==> flow/design.v <==
module ex_add_core_stage #(
  parameter DATA_WIDTH = 16,
  parameter GUARD = 2
) (
  input  wire clk_i,
  input  wire [DATA_WIDTH-1:0] data,
  input  wire init,
  output wire [DATA_WIDTH+GUARD-1:0] sum
);
  reg [DATA_WIDTH-1:0] data_q;
  reg init_q;
  reg [DATA_WIDTH+GUARD-1:0] acc;
  always @(posedge clk_i) begin
    data_q <= data;
    init_q <= init;
    acc <= init_q ? 0 : acc + data_q;
  end
  assign sum = acc;
endmodule
; From RTL to reports: ex_add_core_stage
; The steps from the RTL of ex_add_core_stage to its reports follow in flow order.
; Lines are those of the file above, counted from 1.
; Operators: Yosys type, input widths -> output width; for muxes data width and select width s.
; Cell names lack the library's common part.
; The mark -- stands for no value.
[inputs]
top = ex_add_core_stage
clk_port = clk_i
cell_library = sky130hd
lib_corner = tt_025C_1v80

; Word level
; Yosys after proc, flatten, opt, wreduce and memory -nomap, before mapping. Enables and synchronous resets that opt folds into registers are not counted as muxes. Memory bits, and registers merged into a memory's read port (data or address), are not among the register bits. Print and check cells are not counted. Equal cells are merged and count once.
[bits]
output_inout_bits = 18
ff_bits = 35
wordCells = 4
input_bits = 18
[op_classes]
addsub = 1
[op_table]
columns = cell, count
row1 = $add 18x16->18, 1

; Longest topological paths
; Depth = most cells in a row (Yosys ltp): at word level without a register or memory, in the mapped netlist without a sequential cell, where the memories' decode and read muxes count.
[logic_depth]
word_depth = 1
abc_area = 0
ltp_mapped = 8
depth_no_buf = 8

; Netlist
; Source: synth_stat.txt of the flow (Yosys; design flattened, memories mapped). It holds for the ABC_AREA given above (unset counts as 0); a run with the other value may have another netlist.
[synth_totals]
synth_area_mm2 = 0.0016616
buffers = 2
flip_flops = 35
stdcells = 165
sequential_area_mm2 = 0.0007007
[by_type]
columns = cell_type, count, type_area_um2
row1 = dfxtp_1, 35, 700.672
row2 = ha_1, 16, 200.192
row3 = a21o_1, 10, 75.072
row4 = a21oi_1, 10, 50.048
row5 = nor2_1, 12, 45.043
row6 = nor3_1, 9, 45.043
row7 = nor2b_1, 7, 43.792
row8 = o211ai_1, 5, 37.536
row9 = xnor2_1, 4, 35.034
row10 = mux2_1, 3, 33.782
row11 = o21a_1, 4, 30.029
row12 = nand2_1, 7, 26.275
row13 = fa_1, 1, 20.019
row14 = a31oi_1, 3, 18.768
row15 = and3_1, 3, 18.768
row16 = inv_1, 5, 18.768
row17 = and3b_1, 2, 17.517
row18 = and4_1, 2, 17.517
; Other cell types: 24; their cells: 27.

; Path before layout
; OpenSTA on the mapped netlist: ideal clock, no wires. The path of least setup slack (recovery checks aside). Input and output delay are each 20% of the period. Register names are those of the netlist, which keeps one name where synthesis merged equal registers.
[synth_timing]
path_type = register to register
from = register acc[0]
to = register acc[16]
delay_ps = 2148
arrival_time_ps = 2025
path_stages = 9
path_buffers = 0
t_first_pin_ps = 0
t_required_ps = 2557
period_ps = 2680
slack_ps = 531
setup_time_ps = 123
period_less_setup_slack_ps = 2149
; "delay_ps" is the arrival time less input delay plus setup time.
; "path_stages": output pins that drive a net of the path, with the launching flip-flop's if there is one; two outputs of one cell count as two.
; "period_less_setup_slack_ps" is the clock period less the worst setup slack; recovery checks do not enter. This is arithmetic on one report: input and output delays are still those of the set period (20% each).
; Between the ends stands the longest chain of elaborated cells between them, by number of cells; it is not shown to be the way that was timed. Of several equally long chains one is given.
; A line is the first line of the expression or statement that the cell stems from. Yosys adds cells for indexed reads and writes and turns some case tables into memories.
[synth_via]
path_cell_list = dfxtp_1 > ha_1 > inv_1 > fa_1 > nor2b_4 > o31a_1 > o32a_1 > a211oi_2 > mux2_1
elab_chain_len = 1
cells_between = 1
lines_between = 1
classes_between = add/sub (1)
[synth_rtl]
columns = item, line
row1 = "start, declared", 12  ; reg [DATA_WIDTH+GUARD-1:0] acc;
row2 = "start, assigned", 16  ; acc <= init_q ? 0 : acc + data_q;
row3 = $add 18x16->18, 16
row4 = "end, assigned", 16
row5 = "end, declared", 12

; Worst path after layout
; From the final timing report of entry A: the path of least setup slack in the routed layout; clock arrival at registers is part of the times.
; The report prints the path's times to 10 ps; the period is as set.
[layout_timing]
path_type = register to register
from = register acc[0]
to = register acc[16]
slack_ps = 430
path_buffers = 0
setup_time_ps = 110
period_ps = 2680
t_first_pin_ps = 290
t_required_ps = 2850
path_stages = 9
arrival_time_ps = 2430
; Between the ends stands the longest chain of elaborated cells between them, by number of cells; it is not shown to be the way that was timed. Of several equally long chains one is given.
[layout_via]
path_cell_list = dfxtp_1 > ha_1 > inv_1 > fa_1 > nor2b_4 > o31a_1 > o32a_1 > a211oi_2 > mux2_1
elab_chain_len = 1
cells_between = 1
lines_between = 1
classes_between = add/sub (1)
[layout_rtl]
columns = item, line
row1 = "start, declared", 12  ; reg [DATA_WIDTH+GUARD-1:0] acc;
row2 = "start, assigned", 16  ; acc <= init_q ? 0 : acc + data_q;
row3 = $add 18x16->18, 16
row4 = "end, assigned", 16
row5 = "end, declared", 12

; Measured results for ex_add_core_stage: 3 stored runs of the Yosys and OpenROAD flow on sky130hd. The settings differ; the order carries no meaning. The constraints put input and output delay at 20% of the set period each and load the outputs with 0.01 pF.
; By "timing.achieved_period_ps" is meant the clock period of the run minus its worst setup slack. This is arithmetic on one report: input and output delays are still those of the set period (20% each).
; By "timing.worst_path_ps" is meant the share of the clock period that the worst setup path is allowed (20% is reserved at inputs, 20% at outputs), minus its slack. Clock arrival times at its registers enter into it.
; "fin_power_uw" rests on the timing tool's default activity at the inputs, not on a simulated workload.
; "timing.worst_path_ps" is given in steps of 10 ps.

[entry A: settings]
period_ns = 2.68
CAP_MARGIN = 20
CORE_MARGIN = 2
CORE_UTILIZATION = 40
SLEW_MARGIN = 20
[entry A: results]
timing.achieved_period_ps = 2253
layout_utilization_frac = 0.552
fin_power_uw = 2340
final_stdcell_area_mm2 = 0.0022071
dieArea_mm2 = 0.0046854
timing.worst_path_ps = 2250
worst_setup_path_type = register to register
worst_setup_slack_ps = 427
total_negative_slack_ps = 0
synthesis_area_mm2 = 0.0016616
holdWs_ps = 554

[entry B: settings]
period_ns = 2.37
CORE_UTILIZATION = 50
PLACE_DENSITY = 0.47
HOLD_SLACK_MARGIN = -0.0
CELL_PAD_IN_SITES_GLOBAL_PLACEMENT = 3
GPL_TIMING_DRIVEN = 1
GPL_ROUTABILITY_DRIVEN = 1
CTS_CLUSTER_DIAMETER = 246
CAP_MARGIN = 5
MIN_ROUTING_LAYER = met2
CORE_MARGIN = 2
SLEW_MARGIN = 20
[entry B: results]
outcome = unfinished; error GPL-0301 in placement

[entry C: settings]
period_ns = 2.54
CORE_UTILIZATION = 47
SETUP_SLACK_MARGIN = 0.28
PLACE_DENSITY_LB_ADDON = 0.29
CELL_PAD_IN_SITES_DETAIL_PLACEMENT = 2
ABC_AREA = 1
CTS_CLUSTER_SIZE = 59
CTS_CLUSTER_DIAMETER = 107
MAX_ROUTING_LAYER = met4
CAP_MARGIN = 20
CORE_MARGIN = 2
SLEW_MARGIN = 20
[entry C: results]
outcome = unfinished; error DPL-0033 in placement
